==> flow/design.v <==
module my_reg_bank_top #(
    parameter ENTRIES = 4,
    parameter DATA_W = 8,
    parameter ADDR_WIDTH = $clog2(ENTRIES)
) (
    input  wire i_clk,
    input  wire RSTN,
    input  wire [ADDR_WIDTH-1:0] i_addr,
    input  wire i_write,
    input  wire [DATA_W-1:0] i_write_data,
    output wire [DATA_W-1:0] o_read_data
);
    reg [ADDR_WIDTH-1:0] r_addr;
    always @(posedge i_clk or negedge RSTN) begin
        if (~RSTN) begin
            r_addr <= 0;
        end else begin
            r_addr <= i_addr;
        end
    end
    reg r_write;
    always @(posedge i_clk or negedge RSTN) begin
        if (~RSTN) begin
            r_write <= 1'b0;
        end else begin
            r_write <= i_write;
        end
    end
    reg [DATA_W-1:0] r_write_data;
    always @(posedge i_clk or negedge RSTN) begin
        if (~RSTN) begin
            r_write_data <= 0;
        end else begin
            r_write_data <= i_write_data;
        end
    end
    reg [DATA_W-1:0] bank [0:ENTRIES-1];
    always @(posedge i_clk)
        if (r_write) bank[r_addr] <= r_write_data;
    assign o_read_data = bank[r_addr];
endmodule
Appendix: tool output

[Step by step through the tools: my_reg_bank_top]
A sweep over "DATA_W": the same steps for each member of the family.
The RTL above is that of DATA_W=8; lines are counted from 1 in the file of the member named.
Operators: Yosys type, input widths -> output width; for muxes data width and select width s.
Cell names lack the library's common part.
A cell with - has no value.
Design
  design top: my_reg_bank_top
  clock: i_clk
  library: sky130hd
  corner: tt_025C_1v80

[Members of the sweep]
Lines of each other member's file that are new or changed against the file above; lines that a member lacks are not shown.
Lines new or changed
  DATA_W 12: RTL line 3  | parameter DATA_W = 12,
  DATA_W 48: RTL line 3  | parameter DATA_W = 48,

[Word-level counts]
Yosys after proc, flatten, opt, wreduce and memory -nomap, before mapping. Enables and synchronous resets that opt folds into registers are not counted as muxes. Memory bits, and registers merged into a memory's read port (data or address), are not among the register bits. Print and check cells are not counted. Equal cells are merged and count once.
Memory sizes are those after Yosys's memory passes, which may raise the word count (mostly to a power of two), join words into wider ones and drop unused or constant bits.
Operators by class (mux-type cells)
  DATA_W 8: 3
  DATA_W 12: 3
  DATA_W 48: 3
Operators by type and width (kinds with counts)
  DATA_W 8: 1 x $mux 8; 1 x $mux 2; 1 x $mux 1
  DATA_W 12: 1 x $mux 12; 1 x $mux 2; 1 x $mux 1
  DATA_W 48: 1 x $mux 48; 1 x $mux 2; 1 x $mux 1
Storage and ports
  DATA_W 8: input bits 13, output and inout bits 8, memories 1, register bits after elaboration 11, RAM bits 32
  DATA_W 12: input bits 17, output and inout bits 12, memories 1, register bits after elaboration 15, RAM bits 48
  DATA_W 48: input bits 53, output and inout bits 48, memories 1, register bits after elaboration 51, RAM bits 192
Memories (shape (words x width / read and write ports))
  DATA_W 8: bank 4x8 r1 w1
  DATA_W 12: bank 4x12 r1 w1
  DATA_W 48: bank 4x48 r1 w1

[Logic depth]
Depth = most cells in a row (Yosys ltp): at word level without a register or memory, in the mapped netlist without a sequential cell, where the memories' decode and read muxes count.
Depth
  DATA_W 8: word-level depth 1, ABC_AREA 0, mapped depth 2, gate-level depth less buffers 1
  DATA_W 12: word-level depth 1, ABC_AREA 0, mapped depth 3, gate-level depth less buffers 1
  DATA_W 48: word-level depth 1, ABC_AREA 0, mapped depth 3, gate-level depth less buffers 1

[Netlist]
Source: synth_stat.txt of the flow (Yosys; design flattened, memories mapped). It holds for the ABC_AREA given above (unset counts as 0); a run with the other value may have another netlist.
Synthesis totals
  DATA_W 8: cell area after synthesis 1475.2 sq um, flip-flops 43, standard cells after synthesis 57
  DATA_W 12: cell area after synthesis 2184.6 sq um, flip-flops 63, standard cells after synthesis 83
  DATA_W 48: cell area after synthesis 8285.4 sq um, flip-flops 243, standard cells after synthesis 307
Cells by type (types with counts)
  DATA_W 8: 32 x edfxtp_1; 11 x dfrtp_1; 6 x mux4_2; 2 x mux4_1; 2 x and3b_2; 1 x buf_6; 1 x and3_2; 1 x nor3b_1; 1 x buf_2
  DATA_W 12: 48 x edfxtp_1; 15 x dfrtp_1; 6 x mux4_1; 6 x mux4_2; 2 x and3b_2; 1 x buf_12; 1 x buf_6; 1 x and3_2; 1 x nor3b_1; 1 x buf_2; 1 x clkbuf_1
  DATA_W 48: 192 x edfxtp_1; 51 x dfrtp_1; 48 x mux4_2; 4 x buf_12; 5 x buf_2; 2 x buf_6; 2 x and3b_1; 1 x nor3b_1; 1 x and3_1; 1 x clkbuf_1

[Path before layout]
OpenSTA on the mapped netlist: ideal clock, no wires. The path of least setup slack (recovery checks aside). Input and output delay are each 20% of the period. Register names are those of the netlist, which keeps one name where synthesis merged equal registers.
Timing post-synthesis
  DATA_W 8: path type register -> register, from register r_addr[1], to memory bank[0][0], path delay 1.625 ns, stages 3, clock period 2.03 ns, slack 0.404 ns, synthesis period reached 1.626 ns
  DATA_W 12: path type register -> register, from register r_addr[1], to memory bank[0][0], path delay 2.065 ns, stages 4, clock period 2.58 ns, slack 0.515 ns, synthesis period reached 2.065 ns
  DATA_W 48: path type register -> register, from register r_addr[1], to memory bank[0][0], path delay 4.747 ns, stages 4, clock period 5.93 ns, slack 1.183 ns, synthesis period reached 4.747 ns
"path delay" is the arrival time less input delay plus setup time.
"stages": output pins that drive a net of the path, with the launching flip-flop's if there is one; two outputs of one cell count as two.
"synthesis period reached" = period - worst setup slack (recovery checks aside). The figure is calculated, with input and output delays left at 20% of the set period.
The rows between start and end are the longest chain of elaborated cells between them; the timing report does not say that the signal goes this way. Where chains are equally long, one stands for them.
A line is the first line of the expression or statement that the cell stems from. Yosys adds cells for indexed reads and writes and turns some case tables into memories.
Between the ends, post-synthesis, DATA_W=8
  cells in the longest elaborated chain: 1
Ends and longest elaborated chain, post-synthesis, DATA_W=8
  start: declaration: RTL line 13  | reg [ADDR_WIDTH-1:0] r_addr;
  start: assignment: RTL line 16  | r_addr <= 0;
  start: assignment: RTL line 18  | r_addr <= i_addr;
  $mux 2: RTL line 39  | if (r_write) bank[r_addr] <= r_write_data;
  end: declaration: RTL line 37  | reg [DATA_W-1:0] bank [0:ENTRIES-1];
Between the ends, post-synthesis, DATA_W=48
  cells in the longest elaborated chain: 1
Ends and longest elaborated chain, post-synthesis, DATA_W=48
  start: declaration: RTL line 13  | reg [ADDR_WIDTH-1:0] r_addr;
  start: assignment: RTL line 16  | r_addr <= 0;
  start: assignment: RTL line 18  | r_addr <= i_addr;
  $mux 2: RTL line 39  | if (r_write) bank[r_addr] <= r_write_data;
  end: declaration: RTL line 37  | reg [DATA_W-1:0] bank [0:ENTRIES-1];

[Path in the finished layout]
Path of least setup slack in the final report of the run of each member (OpenROAD, finished layout, wires in). Where an end is a register, its clock arrival counts in the times.
Timing post-layout
  DATA_W 8: path type register -> output, from register r_addr[0], to output o_read_data[7], slack 0.06 ns, clock period 2.03 ns, buffers on the path 2, stages 4, arrival 1.56 ns
  DATA_W 12: path type register -> output, from register r_addr[0], to output o_read_data[4], slack 0.12 ns, clock period 2.58 ns, buffers on the path 2, stages 4, arrival 1.95 ns
  DATA_W 48: path type register -> output, from register r_addr[1], to output o_read_data[28], slack 2.01 ns, clock period 5.93 ns, buffers on the path 2, stages 4, arrival 2.74 ns

[Flow runs]
Settings and results of one run of the flow (Yosys, OpenROAD) for each member follow. The constraints put input and output delay at 20% of the set period each and load the outputs with 0.01 pF.
Flow settings
  CAP_MARGIN: 20
  CORE_MARGIN: 2
  CORE_UTILIZATION: 40
  SLEW_MARGIN: 20
Settings that differ (period_ns)
  DATA_W 8: 2.03
  DATA_W 12: 2.58
  DATA_W 48: 5.93
Measured results
  DATA_W 8: clock period achieved 1.971 ns, utilization after routing 51.2%, total power after layout 0.001607 W, setup slack of the critical path 0.059 ns, die area 4190.0 sq um, standard-cell area after routing 1845.5 sq um, netlist area reported by Yosys 1475.2 sq um, post-route setup TNS 0.000 ns
  DATA_W 12: clock period achieved 2.464 ns, utilization after routing 52.8%, total power after layout 0.002167 W, setup slack of the critical path 0.116 ns, die area 6068.4 sq um, standard-cell area after routing 2748.9 sq um, netlist area reported by Yosys 2184.6 sq um, post-route setup TNS 0.000 ns
  DATA_W 48: clock period achieved 3.922 ns, utilization after routing 51.4%, total power after layout 0.003772 W, setup slack of the critical path 2.008 ns, die area 21880.3 sq um, standard-cell area after routing 10433.8 sq um, netlist area reported by Yosys 8285.4 sq um, post-route setup TNS 0.000 ns
"clock period achieved" = clock period - worst setup slack. The figure is calculated, with input and output delays left at 20% of the set period.
"total power after layout" is the tool's figure for a default switching activity; nothing was simulated.
